==> flow/design.v <==
module order #(
   parameter DWIDTH = 32
) (
   input logic aclk,
   input logic RSTN,
   input logic valid,
   input logic [DWIDTH-1:0] in_dataa,
   input logic [DWIDTH-1:0] in_datab,
   output logic out_a_gt_b
);
   logic [DWIDTH-1:0] dataa_d1;
   always_ff @(posedge aclk or negedge RSTN) begin
      if (~RSTN) begin
         dataa_d1 <= '0;
      end else if (valid) begin
         dataa_d1 <= in_dataa;
      end
   end
   logic [DWIDTH-1:0] datab_d1;
   always_ff @(posedge aclk or negedge RSTN) begin
      if (~RSTN) begin
         datab_d1 <= '0;
      end else if (valid) begin
         datab_d1 <= in_datab;
      end
   end
   logic [DWIDTH:0] cy;
   assign cy[0] = 1'b0;
   generate
      for (genvar g = 0; g < DWIDTH; g++) begin : u_g
         assign cy[g+1] = (dataa_d1[g] ^ datab_d1[g]) ? dataa_d1[g] : cy[g];
      end
   endgenerate
   assign out_a_gt_b = cy[DWIDTH];
endmodule
# From RTL to reports: order
# What the tools print for order, step after step.
# Lines are those of the file above, counted from 1.
# Cell names lack the library's common part.
setup:
  design: "order"
  clock: "aclk"
  cell_library: "sky130hd"
  pvt_corner: "tt_025C_1v80"

# After elaboration
# Source: Yosys, flattened and elaborated, memories not mapped. Widths are those after wreduce; folded enables and synchronous resets count as part of the registers. Registers that Yosys merges into a memory's read port (data or address) are not register bits. Print and check cells do not count. Equal cells are merged and count once.
classes:
  n_mux: 32
  logic: 32
op_table:
  columns: ["operator", "count"]
  rows:
  - ["bitwise XOR 1 bit", 32]
  - ["2-to-1 mux 1 bit", 32]
bits:
  reg_bits: 64
  wordCells: 66

# Depth
# Yosys ltp: most cells in a row. Word level: on the elaborated netlist, between registers, memories and ports. Mapped: between sequential cells and ports; inverters and the memories' decode and read muxes count.
depth:
  ltp_word: 33
  ABC_AREA: 0
  depth_mapped: 6
  mapped_depth_nobuf: 6

# Netlist
# The flow's flattened synthesis, as Yosys stat reports it; memories are mapped. The netlist is that of the ABC_AREA named above (0 if unset); the other value can give another one.
synth_totals:
  stdcells: 264
  synth_area_um2: 2962.8
  seq_area_um2: 1601.5
  ffs: 64
  buffers: 10
by_type:
  columns: ["type", "count"]
  rows:
  - ["dfrtp_1", 64]
  - ["mux2_2", 36]
  - ["o21ai_0", 29]
  - ["nand2_1", 30]
  - ["inv_1", 28]
  - ["nor2b_1", 14]
  - ["a2111oi_4", 2]
  - ["nand2b_1", 8]
  - ["o221ai_2", 2]
  - ["a221oi_1", 3]
  - ["a211oi_2", 2]
  - ["a21oi_1", 5]
  - ["o22ai_1", 4]
  - ["o211ai_1", 3]
  - ["buf_2", 4]
  - ["maj3_1", 2]
  - ["clkbuf_1", 5]
  - ["a2111oi_0", 2]
# Not listed: further types 18, cells in them 21.

# Timing after synthesis
# Path of least setup slack by OpenSTA after synthesis, without wires, with an ideal clock, recovery checks aside; 20% of the period is set as input and as output delay. Where synthesis merged equal registers, the netlist keeps one of their names.
synth_timing:
  kind: "flip-flop to output port"
  startpoint: "register datab_d1[25]"
  endpoint: "output out_a_gt_b"
  period_ns: 2.34
  arrival_time_ns: 1.499
  path_slack_ns: 0.373
  delay_ns: 1.499
  path_stages: 7
  synth_period_reached_ns: 1.967
# "delay_ns" = arrival - input delay + setup time.
# A path that ends at an output port has no setup time.
# "path_stages" counts driving pins, that of a launching flip-flop among them; a cell with two outputs on the path counts twice.
# "synth_period_reached_ns" = period - worst setup slack (recovery checks aside). The figure is calculated, with input and output delays left at 20% of the set period.
# Between the ends stands the longest chain of elaborated cells between them, by number of cells; it is not shown to be the way that was timed. Of several equally long chains one is given.
# Each line given opens the expression or statement behind the cell; cells for indexed reads and writes are added by Yosys, which also makes memories of some case tables.
synth_via:
  path_cell_list: "dfrtp_1 -> nor2b_4 -> a2111oi_4 -> o221ai_2 -> a211oi_2 -> o211ai_1 -> a2bb2oi_1"
  elab_chain_cells: 8
  cells_between: 8
  cone_lines: 1
  cone_classes: "mux: 7; logic: 1"
synth_rtl:
  columns: ["item", "line_no", "source"]
  rows:
  - ["start: declaration", 19, "logic [DWIDTH-1:0] datab_d1;"]
  - ["start: assignment", 22, "datab_d1 <= '0;"]
  - ["start: assignment", 24, "datab_d1 <= in_datab;"]
  - ["bitwise XOR 1 bit", 31, "assign cy[g+1] = (dataa_d1[g] ^ datab_d1[g]) ? dataa_d1[g] : cy[g];"]
  - ["2-to-1 mux 1 bit (7 in a row)", 31, null]
  - ["end: declaration", 9, "output logic out_a_gt_b"]

# Worst path after layout
# Path of least setup slack in the final report of flow run A (OpenROAD, finished layout, wires in). Where an end is a register, its clock arrival counts in the times.
layout_timing:
  kind: "flip-flop to output port"
  startpoint: "register datab_d1[26]"
  endpoint: "output out_a_gt_b"
  period_ns: 1.94
  arrival_time_ns: 2.11
  path_slack_ns: -0.55
  path_stages: 8
# Between the ends stands the longest chain of elaborated cells between them, by number of cells; it is not shown to be the way that was timed. Of several equally long chains one is given.
layout_via:
  path_cell_list: "dfrtp_1 -> nor2b_4 -> a2111oi_4 -> o221ai_2 -> a211oi_2 -> o211ai_1 -> a2bb2oi_2 -> buf_2"
  elab_chain_cells: 7
  cells_between: 7
  cone_lines: 1
  cone_classes: "mux: 6; logic: 1"
layout_rtl:
  columns: ["item", "line_no", "source"]
  rows:
  - ["start: declaration", 19, "logic [DWIDTH-1:0] datab_d1;"]
  - ["start: assignment", 22, "datab_d1 <= '0;"]
  - ["start: assignment", 24, "datab_d1 <= in_datab;"]
  - ["bitwise XOR 1 bit", 31, "assign cy[g+1] = (dataa_d1[g] ^ datab_d1[g]) ? dataa_d1[g] : cy[g];"]
  - ["2-to-1 mux 1 bit (6 in a row)", 31, null]
  - ["end: declaration", 9, "output logic out_a_gt_b"]

# Measured results for order: 3 stored runs of the Yosys and OpenROAD flow on sky130hd. The settings differ; the order carries no meaning. The constraints put input and output delay at 20% of the set period each and load the outputs with 0.01 pF.
# "period_less_ws_ns" = clock period - worst setup slack. The figure is calculated, with input and output delays left at 20% of the set period.
# "worst_path_allowed_less_slack_ns" means the part of the period allowed to the worst setup path (the constraints hold back 20% at inputs and 20% at outputs) less its slack; where the path has registers, the arrival times of their clocks count too.
# "final_power_uw" rests on the timing tool's default activity at the inputs, not on a simulated workload.
runs:
  - name: "flow run A"
    settings:
      period_ns: 1.94
      CORE_UTILIZATION: 28
      CORE_ASPECT_RATIO: 0.82
      CORE_MARGIN: 6
      CTS_CLUSTER_SIZE: 74
      CTS_CLUSTER_DIAMETER: 374
      CAP_MARGIN: 20
      SLEW_MARGIN: 20
    results:
      synth_chip_area_um2: 2962.8
      stdcell_area_um2: 4356.7
      fin_tns_ns: -0.553
      worst_path_allowed_less_slack_ns: 2.11
      worstPathKind: "flip-flop to output port"
      die_um2: 13206.3
      final_power_uw: 3658
      period_less_ws_ns: 2.493
      fin_ws_ns: -0.553
      fin_util_pct: 43.1
  - name: "flow run B"
    settings:
      period_ns: 1.22
      CORE_UTILIZATION: 40
      SETUP_SLACK_MARGIN: 0.27
      PLACE_DENSITY: 0.42
      CORE_MARGIN: 6
      CELL_PAD_IN_SITES_DETAIL_PLACEMENT: 0
      ABC_AREA: 0
      CTS_CLUSTER_DIAMETER: 373
      CAP_MARGIN: 30
      SLEW_MARGIN: 20
    results:
      synth_chip_area_um2: 2962.8
      stdcell_area_um2: 4200.3
      fin_tns_ns: -1.060
      worst_path_allowed_less_slack_ns: 2.04
      worstPathKind: "flip-flop to output port"
      die_um2: 9616.7
      final_power_uw: 5120
      period_less_ws_ns: 2.280
      fin_ws_ns: -1.060
      fin_util_pct: 60.2
  - name: "flow run C"
    settings:
      period_ns: 2.34
      CAP_MARGIN: 20
      CORE_MARGIN: 2
      CORE_UTILIZATION: 40
      SLEW_MARGIN: 20
    results:
      synth_chip_area_um2: 2962.8
      stdcell_area_um2: 4106.4
      fin_tns_ns: -0.155
      worst_path_allowed_less_slack_ns: 2.03
      worstPathKind: "flip-flop to output port"
      die_um2: 8111.7
      final_power_uw: 2712
      period_less_ws_ns: 2.495
      fin_ws_ns: -0.155
      fin_util_pct: 56.9
